==> flow/design.v <==
module cmp #(
   parameter integer WIDTH = 48
) (
   input  wire i_clk,
   input  wire rst_ni,
   input  wire [WIDTH-1:0] i_src1,
   input  wire [WIDTH-1:0] i_src2,
   output wire o_is_lt,
   output wire o_match
);
   reg [WIDTH-1:0] src1_ff;
   reg [WIDTH-1:0] src2_ff;
   reg [WIDTH:0] work_ff;
   reg is_lt_ff;
   assign o_is_lt = is_lt_ff;
   reg match_ff;
   assign o_match = match_ff;
   always @(posedge i_clk) begin
      if (!rst_ni) begin
         src1_ff <= 0;
         src2_ff <= 0;
         work_ff <= 0;
         is_lt_ff <= 1'b0;
         match_ff <= 1'b0;
      end else begin
         src1_ff <= i_src1;
         src2_ff <= i_src2;
         work_ff <= {1'b0, src1_ff} - {1'b0, src2_ff};
         is_lt_ff <= work_ff[WIDTH];
         match_ff <= ~|work_ff[WIDTH-1:0];
      end
   end
endmodule
Reports on cmp
What the tools print for cmp, step after step.
Line numbers count from 1 in the design file above.
Library cell names are shortened.
The mark - stands for no value.
Design
  top module: cmp
  clock port: i_clk
  library: sky130hd
  library corner: tt_025C_1v80

After elaboration
Yosys after proc, flatten, opt, wreduce and memory -nomap, before mapping. Enables and synchronous resets that opt folds into registers are not counted as muxes. Memory bits, and registers merged into a memory's read port (data or address), are not among the register bits. Print and check cells are not counted. Equal cells are merged and count once.
Storage and ports
  register bits: 147
  output and inout bits: 2
  cells after elaboration: 8
Cells by class
  $add $sub $neg: 1
  reduce/logical cells: 2
Operator list (count)
  48-bit by 48-bit subtractor with 49-bit output: 1
  48-bit OR reduction: 1
  1-bit logical NOT: 1

Logic depth
Depth = most cells in a row (Yosys ltp): at word level without a register or memory, in the mapped netlist without a sequential cell, where the memories' decode and read muxes count.
Depth
  word-level depth: 2
  ABC_AREA: 0
  depth in mapped cells: 12
  gate-level depth less buffers: 12

Mapped cells and area
The flow's flattened synthesis, as Yosys stat reports it; memories are mapped. The netlist is that of the ABC_AREA named above (0 if unset); the other value can give another one.
The area totals of this step are shown rounded.
Mapped netlist
  mapped cells: 769
  cell area after synthesis: 6970 µm²
  sequential part of the area: 2940 µm²
  flip-flops: 147
Cells by type
  dfxtp_1: count 147, total area 2.94E+03 µm²
  and2_1: count 130, total area 813.28 µm²
  ha_1: count 48, total area 600.576 µm²
  inv_1: count 62, total area 232.723 µm²
  a21oi_1: count 46, total area 230.221 µm²
  a21o_1: count 29, total area 217.709 µm²
  xnor2_1: count 18, total area 157.651 µm²
  nand2_1: count 38, total area 142.637 µm²
  xor2_1: count 14, total area 122.618 µm²
  clkbuf_1: count 31, total area 116.362 µm²
  o21ai_0: count 22, total area 110.106 µm²
  nor2_1: count 28, total area 105.101 µm²
  nand4_1: count 16, total area 100.096 µm²
  nand2b_1: count 13, total area 81.328 µm²
  nor4_1: count 12, total area 75.072 µm²
  mux2i_1: count 7, total area 70.067 µm²
  nand3_1: count 11, total area 55.053 µm²
  nor2b_1: count 8, total area 50.048 µm²
Not listed: further types 40, cells in them 89.

Timing after synthesis
OpenSTA on the mapped netlist: ideal clock, no wires. The path of least setup slack (recovery checks aside). Input and output delay are each 20% of the period. Register names are those of the netlist, which keeps one name where synthesis merged equal registers.
Path post-synthesis
  path type: register to register
  from: register src1_ff[0]
  to: register work_ff[44]
  period: 3.68 ns
  arrival time: 2.872 ns
  required time: 3.608 ns
  slack: 0.736 ns
  delay of the path: 2.944 ns
  driving pins on the path: 13
  period reached after synthesis: 2.944 ns
"delay of the path" is the arrival time less input delay plus setup time.
"driving pins on the path" counts driving pins, that of a launching flip-flop among them; a cell with two outputs on the path counts twice.
"period reached after synthesis" = period - worst setup slack (recovery checks aside). The figure is calculated, with input and output delays left at 20% of the set period.
Between the ends stands the longest chain of elaborated cells between them, by number of cells; it is not shown to be the way that was timed. Of several equally long chains one is given.
Each line given opens the expression or statement behind the cell; cells for indexed reads and writes are added by Yosys, which also makes memories of some case tables.
Between the ends, post-synthesis
  cell sequence: dfxtp_1 inv_1 ha_1 fa_1 nor2b_1 o21bai_2 a31oi_4 a311oi_1 o41a_1 a2111oi_4 o31ai_2 o21ai_2 mux2i_1
  length of the longest elaborated chain: 1
Ends and longest elaborated chain, post-synthesis
  start, declared: RTL line 11  | reg [WIDTH-1:0] src1_ff;
  start, assigned: RTL line 20  | src1_ff <= 0;
  start, assigned: RTL line 26  | src1_ff <= i_src1;
  48-bit by 48-bit subtractor with 49-bit output: RTL line 28  | work_ff <= {1'b0, src1_ff} - {1'b0, src2_ff};
  end, assigned: RTL line 22  | work_ff <= 0;
  end, assigned: RTL line 28
  end, declared: RTL line 13  | reg [WIDTH:0] work_ff;

Path in the finished layout
From the final timing report of run 1: the path of least setup slack in the routed layout; clock arrival at registers is part of the times.
Path post-layout
  path type: register to register
  from: register src1_ff[0]
  to: register work_ff[44]
  period: 5.12 ns
  arrival time: 3.80 ns
  required time: 5.49 ns
  slack: 1.70 ns
  driving pins on the path: 13
Between the ends stands the longest chain of elaborated cells between them, by number of cells; it is not shown to be the way that was timed. Of several equally long chains one is given.
Between the ends, post-layout
  cell sequence: dfxtp_1 inv_1 ha_1 fa_1 nor2b_1 o21bai_2 a31oi_4 a311oi_1 o41a_1 a2111oi_4 o31ai_2 o21ai_2 mux2i_1
  length of the longest elaborated chain: 1
Ends and longest elaborated chain, post-layout
  start, declared: RTL line 11  | reg [WIDTH-1:0] src1_ff;
  start, assigned: RTL line 20  | src1_ff <= 0;
  start, assigned: RTL line 26  | src1_ff <= i_src1;
  48-bit by 48-bit subtractor with 49-bit output: RTL line 28  | work_ff <= {1'b0, src1_ff} - {1'b0, src2_ff};
  end, assigned: RTL line 22  | work_ff <= 0;
  end, assigned: RTL line 28
  end, declared: RTL line 13  | reg [WIDTH:0] work_ff;

Wiki page: cmp / flow data

Stored flow runs of cmp (3 of them; Yosys, OpenROAD, sky130hd). They differ in their settings and are not a sequence. Constraints: input delay and output delay 20% of the set period each, output load 0.01 pF.
"achieved period": clock period set for the run, less the worst setup slack. It is reckoned from that one timing run; input and output delays stay at 20% of the period that was set.
"critical setup path time": the worst setup path's part of the clock period (all of it between registers, 20% less for each end at a port) less its slack. A launch clock that arrives late makes it longer, a capture clock that arrives late makes it shorter.
"total power after layout": no workload was simulated; the value follows from the tool's default switching activity.
The results are shown rounded.

==> run 1: settings <==
{ "period_ns": 5.12, "CORE_UTILIZATION": 18, "SETUP_SLACK_MARGIN": 0.84, "PLACE_DENSITY_LB_ADDON": 0.02, "HOLD_SLACK_MARGIN": -0.1, "CORE_ASPECT_RATIO": 1.67, "CELL_PAD_IN_SITES_GLOBAL_PLACEMENT": 2, "TNS_END_PERCENT": 10, "ABC_AREA": 0, "GPL_TIMING_DRIVEN": 1, "GPL_ROUTABILITY_DRIVEN": 1, "MIN_ROUTING_LAYER": "met1", "CAP_MARGIN": 20, "CORE_MARGIN": 2, "SLEW_MARGIN": 20 }
==> run 1: results <==
post-route setup TNS: 0.000 ns
total power after layout: 3200 µW
chip area after synthesis (Yosys): 6970 µm²
area inside the die boundary: 40300 µm²
achieved period: 3.422 ns
worst-case hold slack: 0.524 ns
utilization after layout: 0.236
critical setup path time: 3.42 ns
worst setup path type: register to register
setup slack of the critical path: 1.70 ns
standard-cell area after layout: 9040 µm²

==> run 2: settings <==
{ "period_ns": 2.14, "CORE_UTILIZATION": 17, "SETUP_SLACK_MARGIN": 0.15, "CORE_ASPECT_RATIO": 1.52, "CELL_PAD_IN_SITES_GLOBAL_PLACEMENT": 1, "CELL_PAD_IN_SITES_DETAIL_PLACEMENT": 2, "TNS_END_PERCENT": 5, "GPL_ROUTABILITY_DRIVEN": 1, "CAP_MARGIN": 35, "MIN_ROUTING_LAYER": "met1", "CORE_MARGIN": 2, "SLEW_MARGIN": 20 }
==> run 2: results <==
post-route setup TNS: -15.1 ns
total power after layout: 8290 µW
chip area after synthesis (Yosys): 6970 µm²
area inside the die boundary: 42600 µm²
achieved period: 2.911 ns
worst-case hold slack: 0.450 ns
utilization after layout: 0.26
critical setup path time: 2.91 ns
worst setup path type: register to register
setup slack of the critical path: -0.771 ns
standard-cell area after layout: 10500 µm²

==> run 3: settings <==
{ "period_ns": 3.68, "CAP_MARGIN": 20, "CORE_MARGIN": 2, "CORE_UTILIZATION": 40, "SLEW_MARGIN": 20 }
==> run 3: results <==
post-route setup TNS: 0.000 ns
total power after layout: 4360 µW
chip area after synthesis (Yosys): 6970 µm²
area inside the die boundary: 18500 µm²
achieved period: 3.314 ns
worst-case hold slack: 0.435 ns
utilization after layout: 0.509
critical setup path time: 3.31 ns
worst setup path type: register to register
setup slack of the critical path: 0.366 ns
standard-cell area after layout: 8750 µm²
